==> flow/design.v <==
module dp_scratch_stage #(
    parameter integer D = 12,
    parameter integer W = 32,
    parameter integer AWIDTH = $clog2(D)
) (
    input  wire CLK,
    input  wire i_rst,
    input  wire load_i,
    input  wire [AWIDTH-1:0] wr_idx_i,
    input  wire [W-1:0] wd_i,
    input  wire [AWIDTH-1:0] ra_i,
    output wire [W-1:0] rdata_o
);
    reg load_r;
    reg [AWIDTH-1:0] wr_idx_r;
    reg [W-1:0] wd_r;
    reg [W-1:0] regs [0:D-1];
    always @(posedge CLK) begin
        if (load_r)
            regs[wr_idx_r] <= wd_r;
    end
    reg [AWIDTH-1:0] ra_r;
    assign rdata_o = regs[ra_r];
    always @(posedge CLK) begin
        if (i_rst) begin
            load_r <= 1'b0;
            wr_idx_r <= 0;
            wd_r <= 0;
            ra_r <= 0;
        end else begin
            load_r <= load_i;
            wr_idx_r <= wr_idx_i;
            wd_r <= wd_i;
            ra_r <= ra_i;
        end
    end
endmodule
==> Reports on dp_scratch_stage <==
What the tools print for dp_scratch_stage, step after step.
Lines are those of the file above, counted from 1.
Operators carry their Yosys type and port widths (W data, S select, Z words).
Library cell names are shortened.
{ "inputs": {"design": "dp_scratch_stage", "clock_port": "CLK", "library": "sky130hd", "corner": "tt_025C_1v80"} }

==> Word-level counts <==
Source: Yosys, flattened and elaborated, memories not mapped. Widths are those after wreduce. Print and check cells do not count. Equal cells are merged and count once.
Memory sizes are those after Yosys's memory passes, which may raise the word count (mostly to a power of two), join words into wider ones and drop unused or constant bits.
{ "word_totals": {"regBits": 37, "mem_bits_rw": 384, "clocked_rd_ports_x_width": 32, "n_memories": 1, "in_bits": 43, "output_inout_bits": 32, "word_cells": 8} }
{ "memory_table": {"columns": ["memory", "words", "word_bits", "read_ports", "write_ports", "line_no", "source"], "rows": [
  ["regs", 12, 32, 1, 1, 17, "reg [W-1:0] regs [0:D-1];"]
]} }
{ "classes": {"n_mux": 4} }
{ "op_table": {"columns": ["cell", "n"], "rows": [
  ["$mux W32", 1],
  ["$mux W4", 2],
  ["$mux W1", 1]
]} }

==> Depth <==
Longest topological path by Yosys (ltp), each cell counted once; first at word level (registers and memories cut), then after technology mapping (sequential cells cut; the memories' decode and read muxes count).
{ "logic_depth": {"word_depth": 1, "ABC_AREA": 0, "mapped_depth": 6} }

==> Synthesis result <==
The flow's flattened synthesis, as Yosys stat reports it; memories are mapped. The netlist is that of the ABC_AREA named above (0 if unset); the other value can give another one.
{ "synth_totals": {"stdcells": 718, "area_um2": 15625.0, "sequential_area_um2": 12351.8, "ffs": 425} }
{ "by_type": {"columns": ["cell", "n", "type_area_um2"], "rows": [
  ["edfxtp_1", 384, 1.15E+04],
  ["mux4_2", 64, 1.44E+03],
  ["dfxtp_1", 41, 820.787],
  ["mux2i_1", 64, 640.614],
  ["nor2b_1", 42, 262.752],
  ["o221ai_1", 28, 245.235],
  ["a22oi_1", 28, 210.202],
  ["buf_6", 11, 123.869],
  ["clkbuf_1", 21, 78.826],
  ["o221ai_2", 4, 60.058],
  ["a22oi_2", 4, 50.048],
  ["buf_12", 2, 40.038],
  ["nor2_1", 10, 37.536],
  ["nand2b_1", 3, 18.768],
  ["nand3b_1", 2, 15.014],
  ["nor3_1", 3, 15.014],
  ["buf_2", 2, 10.01],
  ["or3b_2", 1, 8.758]
]} }
Not listed: further types 2, cells in them 4.

==> Worst setup path after synthesis <==
OpenSTA on the mapped netlist: ideal clock, no wires. The path of least setup slack (recovery checks aside). Input and output delay are each 20% of the period. Register names are those of the netlist, which keeps one name where synthesis merged equal registers.
{ "synth_timing": {"path_type": "reg2reg", "from": "register load_r", "to": "memory regs[0][0]", "clock_period_ns": 4.35, "setup_time_ns": 0.461, "t_first_pin_ns": 0.000, "arrival_ns": 3.021, "setup_slack_ns": 0.868, "delay_ns": 3.482, "path_stages": 3, "synth_period_reached_ns": 3.482} }
"delay_ns" is the arrival time less input delay plus setup time.
"path_stages": output pins that drive a net of the path, with the launching flip-flop's if there is one; two outputs of one cell count as two.
"synth_period_reached_ns" is the clock period less the worst setup slack; recovery checks do not enter. This is arithmetic on one report: input and output delays are still those of the set period (20% each).
Between the ends stands the longest chain of elaborated cells between them, by number of cells; it is not shown to be the way that was timed. Of several equally long chains one is given.
A line is the first line of the expression or statement that the cell stems from. Yosys adds cells for indexed reads and writes and turns some case tables into memories.
The path ends at the enable pin of a flip-flop; only ways to that pin are counted.
{ "synth_between": {"path_cell_list": "dfxtp_1 -> or3b_2 -> nor3_1", "elab_chain_len": 1, "cells_between": 2, "lines_between": 1, "cone_classes": "mux: 2"} }
{ "synth_rtl": {"columns": ["element", "line_no", "source"], "rows": [
  ["from (decl)", 14, "reg load_r;"],
  ["from (assign)", 26, "load_r <= 1'b0;"],
  ["from (assign)", 31, "load_r <= load_i;"],
  ["$mux W4", 19, "if (load_r)"],
  ["to (decl)", 17, "reg [W-1:0] regs [0:D-1];"]
]} }

==> Worst path after layout <==
From the final timing report of job 1: the path of least setup slack in the routed layout; clock arrival at registers is part of the times.
{ "layout_timing": {"path_type": "reg2out", "from": "register (no name shown)", "to": "output port rdata_o[3]", "clock_period_ns": 4.35, "output_delay_ns": 0.87, "t_first_pin_ns": 0.53, "arrival_ns": 3.03, "setup_slack_ns": 0.45, "path_stages": 6} }
{ "layout_between": {"path_cell_list": "dfxtp_4 -> buf_4 -> mux4_2 -> a22oi_1 -> o221ai_1 -> clkdlybuf4s50_1"} }
{ "layout_rtl": {"columns": ["element", "line_no", "source"], "rows": [
  ["to (decl)", 12, "output wire [W-1:0] rdata_o"]
]} }
Chain of elaborated cells between the ends: none given.

Lab notebook: dp_scratch_stage

Flow measurements of dp_scratch_stage on sky130hd: 3 stored runs with different settings, listed in no order. Input and output delays are each 20% of the period that was set; the output load is 0.01 pF.
"period_reached_ns" means the clock period less the worst setup slack. The figure is calculated, with input and output delays left at 20% of the set period.
"worst_setup_path_time_ns" = time allowed to the worst setup path (clock period - input delay - output delay, where it has them) - its slack; a late launch clock adds to it, a late capture clock takes from it.
By "totalPower_uw" is meant OpenSTA's value without simulated activity: inputs other than the clock are taken to toggle once in ten clock periods, and the tool carries that through the logic.
[
  {
    "run": "job 1",
    "settings": { "period_ns": 4.35, "CAP_MARGIN": 20, "CORE_MARGIN": 2, "CORE_UTILIZATION": 40, "SLEW_MARGIN": 20 },
    "results": { "totalPower_uw": 8550, "utilization_pct": 47.9, "worst_setup_slack_ns": 0.447, "worst_hold_slack_ns": 0.603, "total_negative_slack_ns": 0.000, "period_reached_ns": 3.903, "synthesis_area_um2": 15625.0, "finish.stdcell_area_um2": 18505.2, "die_um2": 40658.7, "worst_setup_path_time_ns": 3.03, "worstPathKind": "reg2out" }
  },
  {
    "run": "job 2",
    "settings": { "period_ns": 4.84, "CORE_UTILIZATION": 65, "SETUP_SLACK_MARGIN": 1.13, "PLACE_DENSITY_LB_ADDON": 0.18, "CORE_MARGIN": 9, "GPL_TIMING_DRIVEN": 0, "CTS_CLUSTER_DIAMETER": 35, "CAP_MARGIN": 40, "SLEW_MARGIN": 20 },
    "results": { "totalPower_uw": 8279, "utilization_pct": 80.7, "worst_setup_slack_ns": 1.208, "worst_hold_slack_ns": 0.611, "total_negative_slack_ns": 0.000, "period_reached_ns": 3.632, "synthesis_area_um2": 15625.0, "finish.stdcell_area_um2": 19005.7, "die_um2": 29944.6, "worst_setup_path_time_ns": 2.66, "worstPathKind": "reg2out" }
  },
  {
    "run": "job 3",
    "settings": { "period_ns": 6.47, "CORE_UTILIZATION": 33, "PLACE_DENSITY_LB_ADDON": 0.16, "CELL_PAD_IN_SITES_GLOBAL_PLACEMENT": 3, "GPL_TIMING_DRIVEN": 0, "GPL_ROUTABILITY_DRIVEN": 0, "CTS_CLUSTER_SIZE": 47, "MIN_ROUTING_LAYER": "met2", "MAX_ROUTING_LAYER": "met4", "CAP_MARGIN": 20, "CORE_MARGIN": 2, "SLEW_MARGIN": 20 },
    "results": { "totalPower_uw": 6016, "utilization_pct": 41.3, "worst_setup_slack_ns": 1.737, "worst_hold_slack_ns": 0.605, "total_negative_slack_ns": 0.000, "period_reached_ns": 4.733, "synthesis_area_um2": 15625.0, "finish.stdcell_area_um2": 19272.2, "die_um2": 49104.3, "worst_setup_path_time_ns": 3.44, "worstPathKind": "reg2out" }
  }
]
